==> flow/design.v <==
module sync_ram_block_stage #(
  parameter int ENTRIES = 128,
  parameter int XLEN = 2,
  parameter int AW = $clog2(ENTRIES)
) (
  input  logic i_clk,
  input  logic rst_i,
  input  logic write_i,
  input  logic [AW-1:0] wa_i,
  input  logic [XLEN-1:0] write_data_i,
  input  logic [AW-1:0] raddr_a_i,
  input  logic [AW-1:0] raddr_b_i,
  output logic [XLEN-1:0] rd_data_a_o,
  output logic [XLEN-1:0] rd_data_b_o
);
  logic write_s;
  logic [AW-1:0] wa_s;
  logic [XLEN-1:0] write_data_s;
  always_ff @(posedge i_clk or posedge rst_i) begin
    if (rst_i) begin
      write_s <= 1'b0;
      wa_s <= 0;
      write_data_s <= 0;
    end else begin
      write_s <= write_i;
      wa_s <= wa_i;
      write_data_s <= write_data_i;
    end
  end
  logic [XLEN-1:0] array [0:ENTRIES-1];
  always_ff @(posedge i_clk) begin
    if (write_s)
      array[wa_s] <= write_data_s;
  end
  logic [AW-1:0] raddr_a_s;
  logic [AW-1:0] raddr_b_s;
  logic [XLEN-1:0] rd_data_a_s;
  always_ff @(posedge i_clk or posedge rst_i) begin
    if (rst_i) begin
      raddr_a_s <= 0;
      raddr_b_s <= 0;
      rd_data_a_s <= 0;
    end else begin
      raddr_a_s <= raddr_a_i;
      raddr_b_s <= raddr_b_i;
      rd_data_a_s <= array[raddr_a_s];
    end
  end
  assign rd_data_a_o = rd_data_a_s;
  logic [XLEN-1:0] rd_data_b_s;
  always_ff @(posedge i_clk or posedge rst_i) begin
    if (rst_i) begin
      rd_data_b_s <= 0;
    end else begin
      rd_data_b_s <= array[raddr_b_s];
    end
  end
  assign rd_data_b_o = rd_data_b_s;
endmodule
**Step by step through the tools: sync_ram_block_stage**

The steps from the RTL of sync_ram_block_stage to its reports follow in flow order.
Line numbers count from 1 in the design file above.
Operators: Yosys type, input widths -> output width; for muxes data width and select width s.
Library cell names are shortened.
The mark n/a stands for no value.

- Top module: sync_ram_block_stage
- Clock input: i_clk
- Standard-cell library: sky130hd
- Timing corner: tt_025C_1v80

**Elaborated design**

Counts by Yosys on the flattened word-level netlist (proc, flatten, opt, wreduce; memories kept). Register bits leave out memories and registers merged into their read ports (data or address); mux counts leave out enables and synchronous resets folded into registers. Print and check cells are left out. Cells with the same type and inputs are merged into one.
Yosys's memory passes give these memory sizes; they may raise the number of words (mostly to a power of two), join words into wider ones and drop unused or constant bits.

- Bits of input ports: 26
- Output and inout bits: 4
- Bits in registers: 24
- Bits in writable memories: 256
- Word width x clocked read ports: 4
- Elaborated cells: 9
- Memories: 1

- Multiplexer cells: 3

Memory list:

| name | depth | bits a word | rd ports | write ports | line | RTL |
|---|---|---|---|---|---|---|
| array | 128 | 2 | 2 | 1 | 30 | `logic [XLEN-1:0] array [0:ENTRIES-1];` |

Operators with widths:

| cell | number |
|---|---|
| $mux 7 | 1 |
| $mux 2 | 1 |
| $mux 1 | 1 |

**Logic depth**

Depth = most cells in a row (Yosys ltp): at word level without a register or memory, in the mapped netlist without a sequential cell, where the memories' decode and read muxes count.

- Depth in word-level cells: 1
- ABC_AREA: 0
- Depth in mapped cells: 8
- Gate-level depth less buffers: 5

**After synthesis**

Source: synth_stat.txt of the flow (Yosys; design flattened, memories mapped). It holds for the ABC_AREA given above (unset counts as 0); a run with the other value may have another netlist.
Totals and module areas in this step are rounded.

- Sequential area: 0.008388 mm2
- Cell area after synthesis: 0.01341 mm2
- Mapped cells: 808
- Mapped flip-flops: 284

Cells by type:

| type | number | area in all (um2) |
|---|---|---|
| edfxtp_1 | 256 | 7.69E+03 |
| mux4_2 | 98 | 2.21E+03 |
| dfrtp_1 | 28 | 700.672 |
| mux2i_1 | 64 | 640.614 |
| nor2_1 | 124 | 465.446 |
| mux4_1 | 14 | 367.853 |
| a22oi_1 | 32 | 240.23 |
| mux2_2 | 16 | 180.173 |
| clkbuf_1 | 31 | 116.362 |
| nor3_1 | 21 | 105.101 |
| o22ai_1 | 16 | 100.096 |
| a21oi_1 | 16 | 80.077 |
| nor2b_1 | 11 | 68.816 |
| nand2_1 | 18 | 67.565 |
| nand3_1 | 12 | 60.058 |
| buf_1 | 15 | 56.304 |
| nand2b_1 | 8 | 50.048 |
| buf_6 | 4 | 45.043 |

Not listed: further types 8, cells in them 24.

**Worst setup path after synthesis**

Path of least setup slack by OpenSTA after synthesis, without wires, with an ideal clock, recovery checks aside; 20% of the period is set as input and as output delay. Where synthesis merged equal registers, the netlist keeps one of their names.

- Kind: reg-to-reg
- Start point: register raddr_b_s[2]
- End point: register rd_data_b_s[0]
- Arrival time: 2.444 ns
- Data required time: 3.091 ns
- Slack: 0.647 ns
- Stages on the path: 9
- Clock period: 3.23 ns
- Path delay: 2.583 ns
- Library setup time: 0.139 ns
- Buffers on the path: 3
- Period reached after synthesis: 2.583 ns

"path delay" = arrival - input delay + setup time.
"stages on the path" counts driving pins, that of a launching flip-flop among them; a cell with two outputs on the path counts twice.
"period reached after synthesis" = period - worst setup slack (recovery checks aside). The figure is calculated, with input and output delays left at 20% of the set period.

- Cell sequence: dfrtp_1 > clkbuf_1 > clkbuf_1 > buf_1 > mux4_2 > mux2_2 > o22ai_1 > nor3_1 > or4_1

RTL lines, path after synthesis:

| what | line | RTL |
|---|---|---|
| from (decl) | 36 | `logic [AW-1:0] raddr_b_s;` |
| from (assign) | 41 | `raddr_b_s <= 0;` |
| from (assign) | 45 | `raddr_b_s <= raddr_b_i;` |
| to (decl) | 50 | `logic [XLEN-1:0] rd_data_b_s;` |

Chain of elaborated cells between the ends: none given.

**Timing after layout**

Path of least setup slack in the final report of run 1 (OpenROAD, finished layout, wires in). Where an end is a register, its clock arrival counts in the times.

- Kind: reg-to-reg
- Start point: register raddr_b_s[0]
- End point: register rd_data_b_s[1]
- Library setup time: 0.13 ns
- Buffers on the path: 1
- Clock period: 3.23 ns
- Data required time: 3.66 ns
- Slack: 0.32 ns
- Arrival time: 3.33 ns
- Stages on the path: 7

- Cell sequence: dfrtp_4 > buf_12 > mux4_1 > mux4_2 > o22ai_1 > nor4_1 > or4_1

RTL lines, path after layout:

| what | line | RTL |
|---|---|---|
| from (decl) | 36 | `logic [AW-1:0] raddr_b_s;` |
| from (assign) | 41 | `raddr_b_s <= 0;` |
| from (assign) | 45 | `raddr_b_s <= raddr_b_i;` |
| to (decl) | 50 | `logic [XLEN-1:0] rd_data_b_s;` |

Chain of elaborated cells between the ends: none given.

Settings and measured results of 2 stored flow runs for module sync_ram_block_stage (sky130hd), not sorted in any way. The constraints put input and output delay at 20% of the set period each and load the outputs with 0.01 pF.
Measured values are rounded.
A setting shown as . is not set for that run.
Results: . = not shown.

| item | run 1 | run 2 |
|---|---|---|
| period_ns | 3.23 | 2.55 |
| CAP_MARGIN | 20 | 10 |
| CORE_MARGIN | 2 | 6 |
| CORE_UTILIZATION | 40 | 66 |
| SLEW_MARGIN | 20 | 20 |
| SETUP_SLACK_MARGIN | . | 0.25 |
| PLACE_DENSITY | . | 0.82 |
| CELL_PAD_IN_SITES_DETAIL_PLACEMENT | . | 2 |
| TNS_END_PERCENT | . | 85 |
| ABC_AREA | . | 1 |
| GPL_ROUTABILITY_DRIVEN | . | 1 |
| standard-cell area after routing (mm2) | 0.01524 | . |
| netlist area reported by Yosys (mm2) | 0.01341 | . |
| post-route setup TNS (ns) | 0.000 | . |
| worst setup slack after layout (ns) | 0.324 | . |
| total die area (mm2) | 0.03501 | . |

Run 2: did not finish, placement stopped with DPL-0033
